==> flow/design.v <==
module cpu_sel_unit #(
   parameter XLEN = 3,
   parameter LANES = 16,
   parameter SEL_WIDTH = $clog2(LANES)
) (
   input wire clk_i,
   input wire RSTN,
   input wire enable,
   input wire [LANES*XLEN-1:0] d_in,
   input wire [SEL_WIDTH-1:0] choose_in,
   output wire [XLEN-1:0] y_out
);
   reg [LANES*XLEN-1:0] d_ff;
   always @(posedge clk_i or negedge RSTN) begin
      if (~RSTN) begin
         d_ff <= 0;
      end else if (enable) begin
         d_ff <= d_in;
      end
   end
   reg [SEL_WIDTH-1:0] choose_ff;
   always @(posedge clk_i or negedge RSTN) begin
      if (~RSTN) begin
         choose_ff <= 0;
      end else if (enable) begin
         choose_ff <= choose_in;
      end
   end
   wire [XLEN-1:0] node [1:2*LANES-1];
   genvar i;
   generate
      for (i = 0; i < LANES; i = i + 1) begin : row
         assign node[LANES+i] = d_ff[i*XLEN +: XLEN];
      end
      for (i = 1; i < LANES; i = i + 1) begin : g_bit
         assign node[i] = choose_ff[SEL_WIDTH - $clog2(i+1)] ? node[2*i+1] : node[2*i];
      end
   endgenerate
   assign y_out = node[1];
endmodule
# --- Step by step through the tools: cpu_sel_unit ---
# Tool output for the members of one design family, told apart by "XLEN", in the order of the flow.
# The file above is the member XLEN 3. Line numbers count from 1 in each member's own file.
# Operators: Yosys type, input widths -> output width; for muxes data width and select width s.
# Cell names lack the library's common part.
design:
  design: "cpu_sel_unit"
  clock_port: "clk_i"
  cell_library: "sky130hd"
  corner: "tt_025C_1v80"

# --- Members of the sweep ---
# New or changed lines of each further member against the RTL above, in its own file; lines it lacks are not shown.
src_changes:
  columns: ["XLEN", "line", "text"]
  rows:
  - [8, 2, "parameter XLEN = 8,"]
  - [64, 2, "parameter XLEN = 64,"]

# --- After elaboration ---
# Source: Yosys, flattened and elaborated. Widths are those after wreduce; folded enables and synchronous resets count as part of the registers. Registers that Yosys merges into a memory's read port (data or address) are not register bits. Print and check cells do not count. Equal cells are merged and count once.
word_totals:
  columns: ["XLEN", "memories", "clocked_rd_ports_x_width", "romBits", "inputBits", "ram_bits", "ff_bits", "latch_bits"]
  rows:
  - [3, 0, 0, 0, 55, 0, 52, 0]
  - [8, 0, 0, 0, 135, 0, 132, 0]
  - [64, 0, 0, 0, 1031, 0, 1028, 0]
op_classes:
  columns: ["XLEN", "n_addsub", "n_reduce_logical", "multipliers", "equal", "compare", "n_shift", "mux", "div_mod_pow", "logic"]
  rows:
  - [3, 0, 0, 0, 0, 0, 0, 15, 0, 0]
  - [8, 0, 0, 0, 0, 0, 0, 15, 0, 0]
  - [64, 0, 0, 0, 0, 0, 0, 15, 0, 0]
op_table:
  columns: ["XLEN", "op_list"]
  rows:
  - [3, "15 x $mux 3"]
  - [8, "15 x $mux 8"]
  - [64, "15 x $mux 64"]

# --- Logic depth ---
# Yosys ltp: most cells in a row. Word level: on the elaborated netlist, between registers, memories and ports. Mapped: between sequential cells and ports; inverters and the memories' decode and read muxes count.
logic_depth:
  columns: ["XLEN", "word_depth", "ABC_AREA", "ltp_mapped", "depth_no_buf"]
  rows:
  - [3, 4, 0, 4, 3]
  - [8, 4, 0, 5, 3]
  - [64, 4, 0, 6, 3]

# --- After synthesis ---
# Source: synth_stat.txt of the flow (Yosys; design flattened, memories mapped). It holds for the ABC_AREA given above (unset counts as 0); a run with the other value may have another netlist.
# The area totals of this step are shown rounded.
by_type:
  columns: ["XLEN", "type_list"]
  rows:
  - [3, "52 x dfrtp_1; 52 x mux2_2; 9 x mux4_1; 3 x mux4_2; 6 x nand3_1; 5 x buf_2; 3 x a22oi_1; 2 x nor2b_1; 1 x buf_6; 3 x nand2_1; 1 x buf_1; 1 x clkbuf_1; 1 x nor2_1"]
  - [8, "132 x dfrtp_1; 132 x mux2_2; 15 x mux4_1; 16 x mux4_2; 16 x a22oi_1; 11 x buf_2; 3 x buf_6; 8 x clkbuf_1; 8 x nand2_1; 1 x mux4_4; 2 x clkdlybuf4s25_2; 1 x and2b_1; 1 x buf_4; 1 x clkbuf_4; 1 x and2_1; 1 x nor2b_1; 1 x nor2_1"]
  - [64, "1028 x dfrtp_1; 1028 x mux2_2; 256 x mux4_2; 128 x a22oi_1; 118 x buf_2; 64 x nand2_1; 45 x clkbuf_1; 13 x buf_6; 19 x buf_1; 4 x buf_4; 2 x nor2b_1; 1 x and2_1; 1 x nor2_1"]
synth_totals:
  columns: ["XLEN", "stdcells", "ffs", "sequential_area_mm2", "buffers", "mapped_area_mm2"]
  rows:
  - [3, 139, 52, 0.0013, 8, 0.00231]
  - [8, 350, 132, 0.0033, 26, 0.0059]
  - [64, 2707, 1028, 0.0257, 199, 0.0453]

# --- Path before layout ---
# Source: OpenSTA report_checks on the synthesized netlist (no wires, ideal clock, input and output delay 20% of the period each), path of least setup slack; recovery checks are left aside. Register names are those of the netlist, which keeps one name where synthesis merged equal registers.
synth_path:
  columns: ["XLEN", "path_kind", "start", "end", "delay_ns", "stages", "slack_ns", "period_ns", "synth_period_reached_ns"]
  rows:
  - [3, "register to output", "reg (no name shown)", "out y_out[0]", 1.336, 5, 0.336, 2.09, 1.754]
  - [8, "register to output", "reg (no name shown)", "out y_out[5]", 1.421, 6, 0.355, 2.22, 1.865]
  - [64, "register to output", "reg (no name shown)", "out y_out[10]", 1.614, 7, 0.402, 2.52, 2.118]
# "delay_ns" is the arrival time less input delay plus setup time.
# A path that ends at an output port has no setup time.
# "stages": output pins that drive a net of the path, with the launching flip-flop's if there is one; two outputs of one cell count as two.
# "synth_period_reached_ns" is the clock period less the worst setup slack; recovery checks do not enter. This is arithmetic on one report: input and output delays are still those of the set period (20% each).
# The rows between start and end are the longest chain of elaborated cells between them; the timing report does not say that the signal goes this way. Where chains are equally long, one stands for them.
# A line is the first line of the expression or statement that the cell stems from. Yosys adds cells for indexed reads and writes and turns some case tables into memories.
synth_via_XLEN_3:
  elab_chain_len: 4
synth_rtl_XLEN_3:
  columns: ["element", "line", "text"]
  rows:
  - ["start, declared", 21, null]
  - ["start, assigned", 24, null]
  - ["start, assigned", 26, null]
  - ["$mux 3 (4 in a row)", 36, null]
  - ["end, declared", 11, "output wire [XLEN-1:0] y_out"]
synth_via_XLEN_64:
  elab_chain_len: 4
synth_rtl_XLEN_64:
  columns: ["element", "line", "text"]
  rows:
  - ["start, declared", 21, null]
  - ["start, assigned", 24, null]
  - ["start, assigned", 26, null]
  - ["$mux 64 (4 in a row)", 36, null]
  - ["end, declared", 11, "output wire [XLEN-1:0] y_out"]

# --- Path in the finished layout ---
# From the final timing report of each member's run: the path of least setup slack in the routed layout; clock arrival at registers is part of the times.
layout_path:
  columns: ["XLEN", "path_kind", "start", "end", "n_path_buf", "slack_ns", "stages", "arrival_ns", "period_ns"]
  rows:
  - [3, "register to output", "reg (no name shown)", "out y_out[1]", 3, -0.11, 7, 1.78, 2.09]
  - [8, "register to output", "reg (no name shown)", "out y_out[3]", 3, -0.33, 7, 2.10, 2.22]
  - [64, "register to output", "reg (no name shown)", "out y_out[5]", 6, -0.74, 10, 2.75, 2.52]

# --- Flow runs ---
# One run of the flow (Yosys, OpenROAD) for each member, with settings and measured results. Input and output delays are each 20% of the period that was set; the output load is 0.01 pF.
flow_settings:
  CAP_MARGIN: 20
  CORE_MARGIN: 2
  CORE_UTILIZATION: 40
  SLEW_MARGIN: 20
settings_by_member:
  columns: ["XLEN", "period_ns"]
  rows:
  - [3, 2.09]
  - [8, 2.22]
  - [64, 2.52]
results:
  columns: ["XLEN", "die_footprint_mm2", "finish.stdcell_area_mm2", "final_util_pct", "synth_area_mm2", "setup_worst_slack_ns"]
  rows:
  - [3, 0.00641, 0.00317, 57.1, 0.00231, -0.112]
  - [8, 0.0157, 0.00823, 56.8, 0.0059, -0.327]
  - [64, 0.116, 0.0653, 58.1, 0.0453, -0.736]
# The results are shown rounded.
